==> flow/design.v <==
module dp_reg_file #(
   parameter integer ENTRIES = 16,
   parameter integer DATA_WIDTH = 20,
   parameter integer NUM_RD = 4,
   parameter integer NW = 6,
   parameter integer ADDR_WIDTH = $clog2(ENTRIES)
) (
   input  core_clk,
   input  clr,
   input  [NW-1:0] in_we,
   input  [NW*ADDR_WIDTH-1:0] in_wr_idx,
   input  [NW*DATA_WIDTH-1:0] in_write_data,
   input  [NUM_RD*ADDR_WIDTH-1:0] in_ra,
   output [NUM_RD*DATA_WIDTH-1:0] out_q
);
   reg [NW-1:0] we_q;
   reg [NW*ADDR_WIDTH-1:0] wr_idx_q;
   reg [NW*DATA_WIDTH-1:0] write_data_q;
   reg [DATA_WIDTH-1:0] array [ENTRIES-1:0];
   integer idx;
   always @(posedge core_clk) begin
      for (idx = 0; idx < NW; idx = idx + 1)
         if (we_q[idx]) array[wr_idx_q[idx*ADDR_WIDTH +: ADDR_WIDTH]] <= write_data_q[idx*DATA_WIDTH +: DATA_WIDTH];
   end
   reg [NUM_RD*ADDR_WIDTH-1:0] ra_q;
   wire [NUM_RD*DATA_WIDTH-1:0] t;
   genvar gj;
   generate
      for (gj = 0; gj < NUM_RD; gj = gj + 1) begin : lane
         assign t[gj*DATA_WIDTH +: DATA_WIDTH] = array[ra_q[gj*ADDR_WIDTH +: ADDR_WIDTH]];
      end
   endgenerate
   assign out_q = t;
   always @(posedge core_clk or posedge clr) begin
      if (clr) begin
         we_q <= 0;
         wr_idx_q <= 0;
         write_data_q <= 0;
         ra_q <= 0;
      end else begin
         we_q <= in_we;
         wr_idx_q <= in_wr_idx;
         write_data_q <= in_write_data;
         ra_q <= in_ra;
      end
   end
endmodule
# ---- Step by step through the tools: dp_reg_file
# What the tools print for dp_reg_file, step after step.
# Line numbers count from 1 in the design file above.
# Not given: n/a
dict set report design {
  top {dp_reg_file}
  clk_port {core_clk}
  cell_library {sky130hd}
  corner {tt_025C_1v80}
}

# ---- After elaboration
# Source: Yosys, flattened and elaborated, memories not mapped. Widths are those after wreduce; folded enables and synchronous resets count as part of the registers. Registers that Yosys merges into a memory's read port (data or address) are not register bits. Print and check cells do not count. Equal cells are merged and count once.
# Yosys's memory passes give these memory sizes; they may raise the number of words (mostly to a power of two), join words into wider ones and drop unused or constant bits.
dict set report word_totals {
  regBits 166
  ramBits 320
  n_memories 1
  output_inout_bits 80
  wordCells 23
}
dict set report op_classes {
  n_mux 18
}
# name size word_bits read_ports write_ports line_no
set memory_table {}
lappend memory_table {array 16 20 4 6 19} ;# reg [DATA_WIDTH-1:0] array [ENTRIES-1:0];
# cell n
set op_table {}
lappend op_table {{20-bit 2-to-1 mux} 6}
lappend op_table {{4-bit 2-to-1 mux} 6}
lappend op_table {{1-bit 2-to-1 mux} 6}

# ---- Depth
# Depth = most cells in a row (Yosys ltp): at word level without a register or memory, in the mapped netlist without a sequential cell, where the memories' decode and read muxes count.
dict set report depth {
  depth_word 1
  abc_area 0
  depth_mapped 8
  depth_no_buf 4
}

# ---- Synthesis result
# The flow's flattened synthesis, as Yosys stat reports it; memories are mapped. The netlist is that of the ABC_AREA named above (0 if unset); the other value can give another one.
# The area totals of this step are shown rounded.
# type n area_total_um2
set by_type {}
lappend by_type {sky130_fd_sc_hd__edfxtp_1 320 9.61E+03}
lappend by_type {sky130_fd_sc_hd__mux4_2 400 9008.64}
lappend by_type {sky130_fd_sc_hd__dfrtp_1 166 4.15E+03}
lappend by_type {sky130_fd_sc_hd__o22ai_1 473 2.96E+03}
lappend by_type {sky130_fd_sc_hd__clkbuf_1 434 1.63E+03}
lappend by_type {sky130_fd_sc_hd__a31oi_1 244 1.53E+03}
lappend by_type {sky130_fd_sc_hd__a21boi_0 181 1.36E+03}
lappend by_type {sky130_fd_sc_hd__nand2_1 344 1.29E+03}
lappend by_type {sky130_fd_sc_hd__o211ai_1 131 983.443}
lappend by_type {sky130_fd_sc_hd__or3_1 144 900.864}
lappend by_type {sky130_fd_sc_hd__buf_2 138 690.662}
lappend by_type {sky130_fd_sc_hd__o21ai_0 115 575.552}
lappend by_type {sky130_fd_sc_hd__nor3_1 108 540.518}
lappend by_type {sky130_fd_sc_hd__o221ai_1 56 490.47}
lappend by_type {sky130_fd_sc_hd__a211o_1 55 481.712}
lappend by_type {sky130_fd_sc_hd__a22oi_1 64 480.461}
lappend by_type {sky130_fd_sc_hd__nand3_1 90 450.432}
lappend by_type {sky130_fd_sc_hd__a21oi_1 81 405.389}
# Not listed: further types 51, cells in them 517.
dict set report mapped {
  mapped_cells 4061
  mapped_area_um2 41000
  seqArea_um2 14000
  flip_flops 486
}

# ---- Timing after synthesis
# Path of least setup slack by OpenSTA after synthesis, without wires, with an ideal clock, recovery checks aside; 20% of the period is set as input and as output delay. Where synthesis merged equal registers, the netlist keeps one of their names.
dict set report synth_path {
  kind {register to register}
  start {register we_q[4]}
  end {memory array[14][0]}
  clock_period_ns 3.18
  setup_ns 0.496
  t_first_pin_ns 0.000
  arrival_ns 2.047
  path_slack_ns 0.637
  delay_ns 2.543
  driving_pins 7
  period_less_setup_slack_ns 2.543
}
# "delay_ns" = arrival - input delay + setup time.
# "driving_pins": output pins that drive a net of the path, with the launching flip-flop's if there is one; two outputs of one cell count as two.
# "period_less_setup_slack_ns" is the clock period less the worst setup slack; recovery checks do not enter. This is arithmetic on one report: input and output delays are still those of the set period (20% each).
# Between the ends stands the longest chain of elaborated cells between them, by number of cells; it is not shown to be the way that was timed. Of several equally long chains one is given.
# Each line given opens the expression or statement behind the cell; cells for indexed reads and writes are added by Yosys, which also makes memories of some case tables.
# The path ends at the enable pin of a flip-flop; only ways to that pin are counted.
dict set report synth_via {
  cell_sequence {sky130_fd_sc_hd__dfrtp_1 > sky130_fd_sc_hd__and3_1 > sky130_fd_sc_hd__clkbuf_1 > sky130_fd_sc_hd__buf_2 > sky130_fd_sc_hd__a22oi_1 > sky130_fd_sc_hd__clkbuf_1 > sky130_fd_sc_hd__nand4_1}
  elab_chain_len 1
  cone_cells 2
  cone_classes {mux (2)}
}
# item line_no
set synth_rtl {}
lappend synth_rtl {{start, declared} 16} ;# reg [NW-1:0] we_q;
lappend synth_rtl {{start, assigned} 36} ;# we_q <= 0;
lappend synth_rtl {{start, assigned} 41} ;# we_q <= in_we;
lappend synth_rtl {{4-bit 2-to-1 mux} 23} ;# if (we_q[idx]) array[wr_idx_q[idx*ADDR_WIDTH +: ADDR_WIDTH]] <= write_data_q[idx*DATA_WIDTH +: DATA_WIDTH];
lappend synth_rtl {{end, declared} 19} ;# reg [DATA_WIDTH-1:0] array [ENTRIES-1:0];

# ---- Path in the finished layout
# Path of least setup slack in the final report of record 1 (OpenROAD, finished layout, wires in). Where an end is a register, its clock arrival counts in the times.
dict set report layout_path {
  kind {register to output}
  start {register ra_q[0]}
  end {output out_q[0]}
  clock_period_ns 2.11
  t_first_pin_ns 0.70
  arrival_ns 2.80
  path_slack_ns -1.11
  driving_pins 8
}
# Between the ends stands the longest chain of elaborated cells between them, by number of cells; it is not shown to be the way that was timed. Of several equally long chains one is given.
# The chain passes a memory read, where the word-level depth is cut; so it can be longer than that depth.
dict set report layout_via {
  cell_sequence {sky130_fd_sc_hd__dfrtp_4 > sky130_fd_sc_hd__buf_6 > sky130_fd_sc_hd__buf_12 > sky130_fd_sc_hd__buf_16 > sky130_fd_sc_hd__buf_12 > sky130_fd_sc_hd__mux4_2 > sky130_fd_sc_hd__mux4_2 > sky130_fd_sc_hd__buf_6}
  elab_chain_len 1
  cone_cells 1
  cone_classes {memory (1)}
}
# item line_no
set layout_rtl {}
lappend layout_rtl {{start, declared} 25} ;# reg [NUM_RD*ADDR_WIDTH-1:0] ra_q;
lappend layout_rtl {{start, assigned} 39} ;# ra_q <= 0;
lappend layout_rtl {{start, assigned} 44} ;# ra_q <= in_ra;
lappend layout_rtl {{memory 16 x 20 bit} 19} ;# reg [DATA_WIDTH-1:0] array [ENTRIES-1:0];
lappend layout_rtl {{end, declared} 14} ;# output [NUM_RD*DATA_WIDTH-1:0] out_q

; Design dp_reg_file on sky130hd. What follows are 2 stored runs of the flow, each under its own settings; their order means nothing. The constraints put input and output delay at 20% of the set period each and load the outputs with 0.01 pF.
; "period_less_ws_ns" = clock period - worst setup slack. The figure is calculated, with input and output delays left at 20% of the set period.
; "worst_path_time_ns" means the part of the period allowed to the worst setup path (the constraints hold back 20% at inputs and 20% at outputs) less its slack; where the path has registers, the arrival times of their clocks count too.
; "design_power_uw" rests on the timing tool's default activity at the inputs, not on a simulated workload.
; The measured numbers are rounded.

[record 1: settings]
period_ns = 2.11
CORE_UTILIZATION = 26
SETUP_SLACK_MARGIN = 0.31
PLACE_DENSITY_LB_ADDON = 0.26
CELL_PAD_IN_SITES_GLOBAL_PLACEMENT = 0
CELL_PAD_IN_SITES_DETAIL_PLACEMENT = 0
TNS_END_PERCENT = 10
GPL_TIMING_DRIVEN = 1
CTS_CLUSTER_SIZE = 28
SLEW_MARGIN = 10
MAX_ROUTING_LAYER = met4
CAP_MARGIN = 20
CORE_MARGIN = 2
[record 1: results]
ws_setup_ns = -1.1
dieArea_um2 = 160000
cell_area_final_um2 = 61000
design_power_uw = 35000
worst_path_time_ns = 2.80
worstPathKind = register to output
period_less_ws_ns = 3.222
yosys_chip_area_um2 = 41000

[record 2: settings]
period_ns = 3.18
CAP_MARGIN = 20
CORE_MARGIN = 2
CORE_UTILIZATION = 40
SLEW_MARGIN = 20
[record 2: results]
ws_setup_ns = -0.21
dieArea_um2 = 110000
cell_area_final_um2 = 50000
design_power_uw = 21000
worst_path_time_ns = 2.75
worstPathKind = register to output
period_less_ws_ns = 3.390
yosys_chip_area_um2 = 41000
